==> flow/design.v <==
module mul_unit #(
   parameter BITS = 6,
   parameter K = 10
) (
   input  wire ck,
   input  wire i_rst,
   input  wire en,
   input  wire [BITS-1:0] da,
   input  wire [K-1:0] db,
   output wire [BITS+K-1:0] res
);
   reg [BITS+K-1:0] res_s;
   always @(posedge ck or posedge i_rst) begin
      if (i_rst) begin
         res_s <= 0;
      end else if (en) begin
         res_s <= da * db;
      end
   end
   assign res = res_s;
endmodule
==> Reports on mul_unit <==
The steps from the RTL of mul_unit to its reports follow in flow order.
Lines are those of the file above, counted from 1.
Operators: Yosys type, input widths -> output width; for muxes data width and select width s.
{ "inputs": {"design": "mul_unit", "clock_port": "ck", "library": "sky130hd", "lib_corner": "tt_025C_1v80"} }

==> Elaborated design <==
Source: Yosys, flattened and elaborated, memories not mapped. Widths are those after wreduce; folded enables and synchronous resets count as part of the registers. Registers that Yosys merges into a memory's read port (data or address) are not register bits. Print and check cells do not count. Equal cells are merged and count once.
{ "classes": {"mul": 1} }
{ "ops": {"columns": ["cell", "count"], "rows": [
  ["$mul 6x10->16", 1]
]} }
{ "word_totals": {"regBits": 16, "inputBits": 19, "out_inout_bits": 16, "wordCells": 2} }

==> Longest topological paths <==
Depth = most cells in a row (Yosys ltp): at word level without a register or memory, in the mapped netlist without a sequential cell, where the memories' decode and read muxes count.
{ "logic_depth": {"ltp_word": 1, "abc_area": 0, "ltp_mapped": 13} }

==> Mapped cells and area <==
Yosys stat after the flow's synthesis: flattened, memories mapped to cells. It holds for the ABC_AREA given above (unset counts as 0); a run with the other value may have another netlist.
Totals and module areas in this step are rounded.
{ "by_type": {"columns": ["cell_type", "count", "area_total_um2"], "rows": [
  ["sky130_fd_sc_hd__fa_1", 33, 660.634],
  ["sky130_fd_sc_hd__dfrtp_1", 16, 400.384],
  ["sky130_fd_sc_hd__ha_1", 24, 300.288],
  ["sky130_fd_sc_hd__and2_1", 47, 294.032],
  ["sky130_fd_sc_hd__inv_1", 50, 187.68],
  ["sky130_fd_sc_hd__mux2_2", 8, 90.086],
  ["sky130_fd_sc_hd__nand2_1", 19, 71.318],
  ["sky130_fd_sc_hd__a21oi_1", 12, 60.058],
  ["sky130_fd_sc_hd__nor2b_1", 8, 50.048],
  ["sky130_fd_sc_hd__nand3_1", 8, 40.038],
  ["sky130_fd_sc_hd__a21o_1", 5, 37.536],
  ["sky130_fd_sc_hd__o2111ai_1", 3, 26.275],
  ["sky130_fd_sc_hd__xnor2_1", 3, 26.275],
  ["sky130_fd_sc_hd__nand4_1", 4, 25.024],
  ["sky130_fd_sc_hd__o21ai_0", 5, 25.024],
  ["sky130_fd_sc_hd__buf_6", 2, 22.522],
  ["sky130_fd_sc_hd__o211ai_1", 3, 22.522],
  ["sky130_fd_sc_hd__mux2i_1", 2, 20.019]
]} }
Other cell types: 24; their cells: 29.
{ "mapped": {"cells": 281, "area_um2": 2600, "seq_area_um2": 400, "ff_cells": 16, "buffers": 7} }

==> Worst setup path after synthesis <==
OpenSTA on the mapped netlist: ideal clock, no wires. The path of least setup slack (recovery checks aside). Input and output delay are each 20% of the period. Register names are those of the netlist, which keeps one name where synthesis merged equal registers.
{ "synth_path": {"kind": "input-to-reg", "from": "in db[2]", "to": "reg res_s[12]", "period_ps": 5000, "input_delay_ps": 1000, "setup_time_ps": 131, "launch_ps": 1000, "t_arrival_ps": 4070, "required_ps": 4869, "slack_ps": 799, "path_delay_ps": 3201, "driving_pins": 11, "path_buffers": 0, "synth_period_reached_ps": 4201} }
"path_delay_ps" is the arrival time less input delay plus setup time.
"driving_pins": output pins that drive a net of the path, with the launching flip-flop's if there is one; two outputs of one cell count as two.
"synth_period_reached_ps" is the clock period less the worst setup slack; recovery checks do not enter. This is arithmetic on one report: input and output delays are still those of the set period (20% each).
The rows between start and end are the longest chain of elaborated cells between them; the timing report does not say that the signal goes this way. Where chains are equally long, one stands for them.
A line is the first line of the expression or statement that the cell stems from. Yosys adds cells for indexed reads and writes and turns some case tables into memories.
{ "synth_via": {"path_cell_list": "sky130_fd_sc_hd__and2_1 -> sky130_fd_sc_hd__fa_1 -> sky130_fd_sc_hd__fa_1 -> sky130_fd_sc_hd__inv_1 -> sky130_fd_sc_hd__fa_1 -> sky130_fd_sc_hd__inv_1 -> sky130_fd_sc_hd__ha_1 -> sky130_fd_sc_hd__o211ai_2 -> sky130_fd_sc_hd__o21a_4 -> sky130_fd_sc_hd__o2111a_1 -> sky130_fd_sc_hd__or3_1", "elab_chain_len": 1} }
{ "synth_rtl": {"columns": ["element", "line", "text"], "rows": [
  ["start: declaration", 9, "input  wire [K-1:0] db,"],
  ["$mul 6x10->16", 17, "res_s <= da * db;"],
  ["end: assignment", 15, "res_s <= 0;"],
  ["end: assignment", 17, null],
  ["end: declaration", 12, "reg [BITS+K-1:0] res_s;"]
]} }

==> Timing after layout <==
Path of least setup slack in the final report of record 1 (OpenROAD, finished layout, wires in). Where an end is a register, its clock arrival counts in the times.
The path's times are printed in steps of 10 ps; the period is the one set.
{ "layout_path": {"kind": "input-to-reg", "from": "in da[4]", "to": "reg res_s[9]", "period_ps": 6910, "input_delay_ps": 1380, "setup_time_ps": 110, "launch_ps": 1380, "t_arrival_ps": 5370, "required_ps": 7050, "slack_ps": 1670, "driving_pins": 13, "path_buffers": 2} }
The rows between start and end are the longest chain of elaborated cells between them; the timing report does not say that the signal goes this way. Where chains are equally long, one stands for them.
{ "layout_via": {"path_cell_list": "sky130_fd_sc_hd__clkdlybuf4s50_1 -> sky130_fd_sc_hd__and2_1 -> sky130_fd_sc_hd__fa_1 -> sky130_fd_sc_hd__fa_1 -> sky130_fd_sc_hd__inv_1 -> sky130_fd_sc_hd__fa_1 -> sky130_fd_sc_hd__inv_1 -> sky130_fd_sc_hd__ha_1 -> sky130_fd_sc_hd__buf_4 -> sky130_fd_sc_hd__a21oi_1 -> sky130_fd_sc_hd__o211ai_1 -> sky130_fd_sc_hd__xor2_1 -> sky130_fd_sc_hd__mux2_2", "elab_chain_len": 1} }
{ "layout_rtl": {"columns": ["element", "line", "text"], "rows": [
  ["start: declaration", 8, "input  wire [BITS-1:0] da,"],
  ["$mul 6x10->16", 17, "res_s <= da * db;"],
  ["end: assignment", 15, "res_s <= 0;"],
  ["end: assignment", 17, null],
  ["end: declaration", 12, "reg [BITS+K-1:0] res_s;"]
]} }

Appendix: measured runs

Measured results for mul_unit: 3 stored runs of the Yosys and OpenROAD flow on sky130hd. The settings differ; the order carries no meaning. The constraints put input and output delay at 20% of the set period each and load the outputs with 0.01 pF.
"achievedPeriod_ps" is the run's clock period less its worst setup slack. It is reckoned from that one timing run; input and output delays stay at 20% of the period that was set.
"worst_setup_path_time_ps" = time allowed to the worst setup path (clock period - input delay - output delay, where it has them) - its slack; a late launch clock adds to it, a late capture clock takes from it.
"power_uw" rests on the timing tool's default activity at the inputs, not on a simulated workload.
"worst_setup_path_time_ps" is given in steps of 10 ps.
Measured values are rounded.

Record 1
==> flow/run.sh <==
#!/bin/bash
# the make line also repeats the synthesis and layout settings of config.mk as NAME=value (left out here)
make -C /OpenROAD-flow-scripts/flow DESIGN_CONFIG=/design/flow/config.mk WORK_HOME=/design/flow/orfs CLKGATE_MAP_FILE= finish
==> flow/config.mk <==
export PLATFORM = sky130hd
export DESIGN_NAME = mul_unit
export DESIGN_NICKNAME = mul_unit
export VERILOG_FILES = /design/flow/design.v
export SDC_FILE = /design/flow/constraint.sdc
export NUM_CORES = 4
export LEC_CHECK = 0
export ABC_AREA = 0
export CAP_MARGIN = 20
export CORE_ASPECT_RATIO = 0.6
export CORE_MARGIN = 2
export CORE_UTILIZATION = 19
export GPL_TIMING_DRIVEN = 0
export SETUP_SLACK_MARGIN = 0.07
export SLEW_MARGIN = 20
==> flow/constraint.sdc <==
create_clock -name core_clock -period 6.91 [get_ports {ck}]
set_input_delay 1.3820 -clock core_clock [delete_from_list [all_inputs] [get_ports {ck}]]
set_output_delay 1.3820 -clock core_clock [all_outputs]
set_load 0.01 [all_outputs]

==> results of record 1, as JSON <==
{
  "yosys.chip_area_um2": 2600,
  "die_footprint_um2": 15000,
  "post_route_stdcell_area_um2": 3200,
  "finalUtil_pct": 25,
  "ws_setup_ps": 1700,
  "setupTns_ps": 0,
  "hold_ws_ps": 500,
  "power_uw": 830,
  "achievedPeriod_ps": 5239,
  "worst_setup_path_time_ps": 3860,
  "worstPathKind": "input-to-reg"
}

Record 2
==> flow/run.sh <==
#!/bin/bash
# the make line also repeats the synthesis and layout settings of config.mk as NAME=value (left out here)
make -C /OpenROAD-flow-scripts/flow DESIGN_CONFIG=/design/flow/config.mk WORK_HOME=/design/flow/orfs CLKGATE_MAP_FILE= finish
==> flow/config.mk <==
export PLATFORM = sky130hd
export DESIGN_NAME = mul_unit
export DESIGN_NICKNAME = mul_unit
export VERILOG_FILES = /design/flow/design.v
export SDC_FILE = /design/flow/constraint.sdc
export NUM_CORES = 4
export LEC_CHECK = 0
export CAP_MARGIN = 20
export CORE_MARGIN = 2
export CORE_UTILIZATION = 40
export SLEW_MARGIN = 20
==> flow/constraint.sdc <==
create_clock -name core_clock -period 5.0 [get_ports {ck}]
set_input_delay 1.0000 -clock core_clock [delete_from_list [all_inputs] [get_ports {ck}]]
set_output_delay 1.0000 -clock core_clock [all_outputs]
set_load 0.01 [all_outputs]

==> results of record 2, as JSON <==
{
  "yosys.chip_area_um2": 2600,
  "die_footprint_um2": 7100,
  "post_route_stdcell_area_um2": 3100,
  "finalUtil_pct": 49,
  "ws_setup_ps": 280,
  "setupTns_ps": 0,
  "hold_ws_ps": 500,
  "power_uw": 1100,
  "achievedPeriod_ps": 4715,
  "worst_setup_path_time_ps": 3720,
  "worstPathKind": "input-to-reg"
}

Record 3
==> flow/run.sh <==
#!/bin/bash
# the make line also repeats the synthesis and layout settings of config.mk as NAME=value (left out here)
make -C /OpenROAD-flow-scripts/flow DESIGN_CONFIG=/design/flow/config.mk WORK_HOME=/design/flow/orfs CLKGATE_MAP_FILE= finish
==> flow/config.mk <==
export PLATFORM = sky130hd
export DESIGN_NAME = mul_unit
export DESIGN_NICKNAME = mul_unit
export VERILOG_FILES = /design/flow/design.v
export SDC_FILE = /design/flow/constraint.sdc
export NUM_CORES = 4
export LEC_CHECK = 0
export CAP_MARGIN = 20
export CORE_MARGIN = 4
export CORE_UTILIZATION = 19
export CTS_CLUSTER_DIAMETER = 254
export PLACE_DENSITY_LB_ADDON = 0.24
export SETUP_SLACK_MARGIN = 0.31
export SLEW_MARGIN = 30
==> flow/constraint.sdc <==
create_clock -name core_clock -period 3.08 [get_ports {ck}]
set_input_delay 0.6160 -clock core_clock [delete_from_list [all_inputs] [get_ports {ck}]]
set_output_delay 0.6160 -clock core_clock [all_outputs]
set_load 0.01 [all_outputs]

==> results of record 3, as JSON <==
{
  "yosys.chip_area_um2": 2600,
  "die_footprint_um2": 16000,
  "post_route_stdcell_area_um2": 4000,
  "finalUtil_pct": 30,
  "ws_setup_ps": -440,
  "setupTns_ps": -3700,
  "hold_ws_ps": 510,
  "power_uw": 2500,
  "achievedPeriod_ps": 3522,
  "worst_setup_path_time_ps": 2910,
  "worstPathKind": "input-to-reg"
}
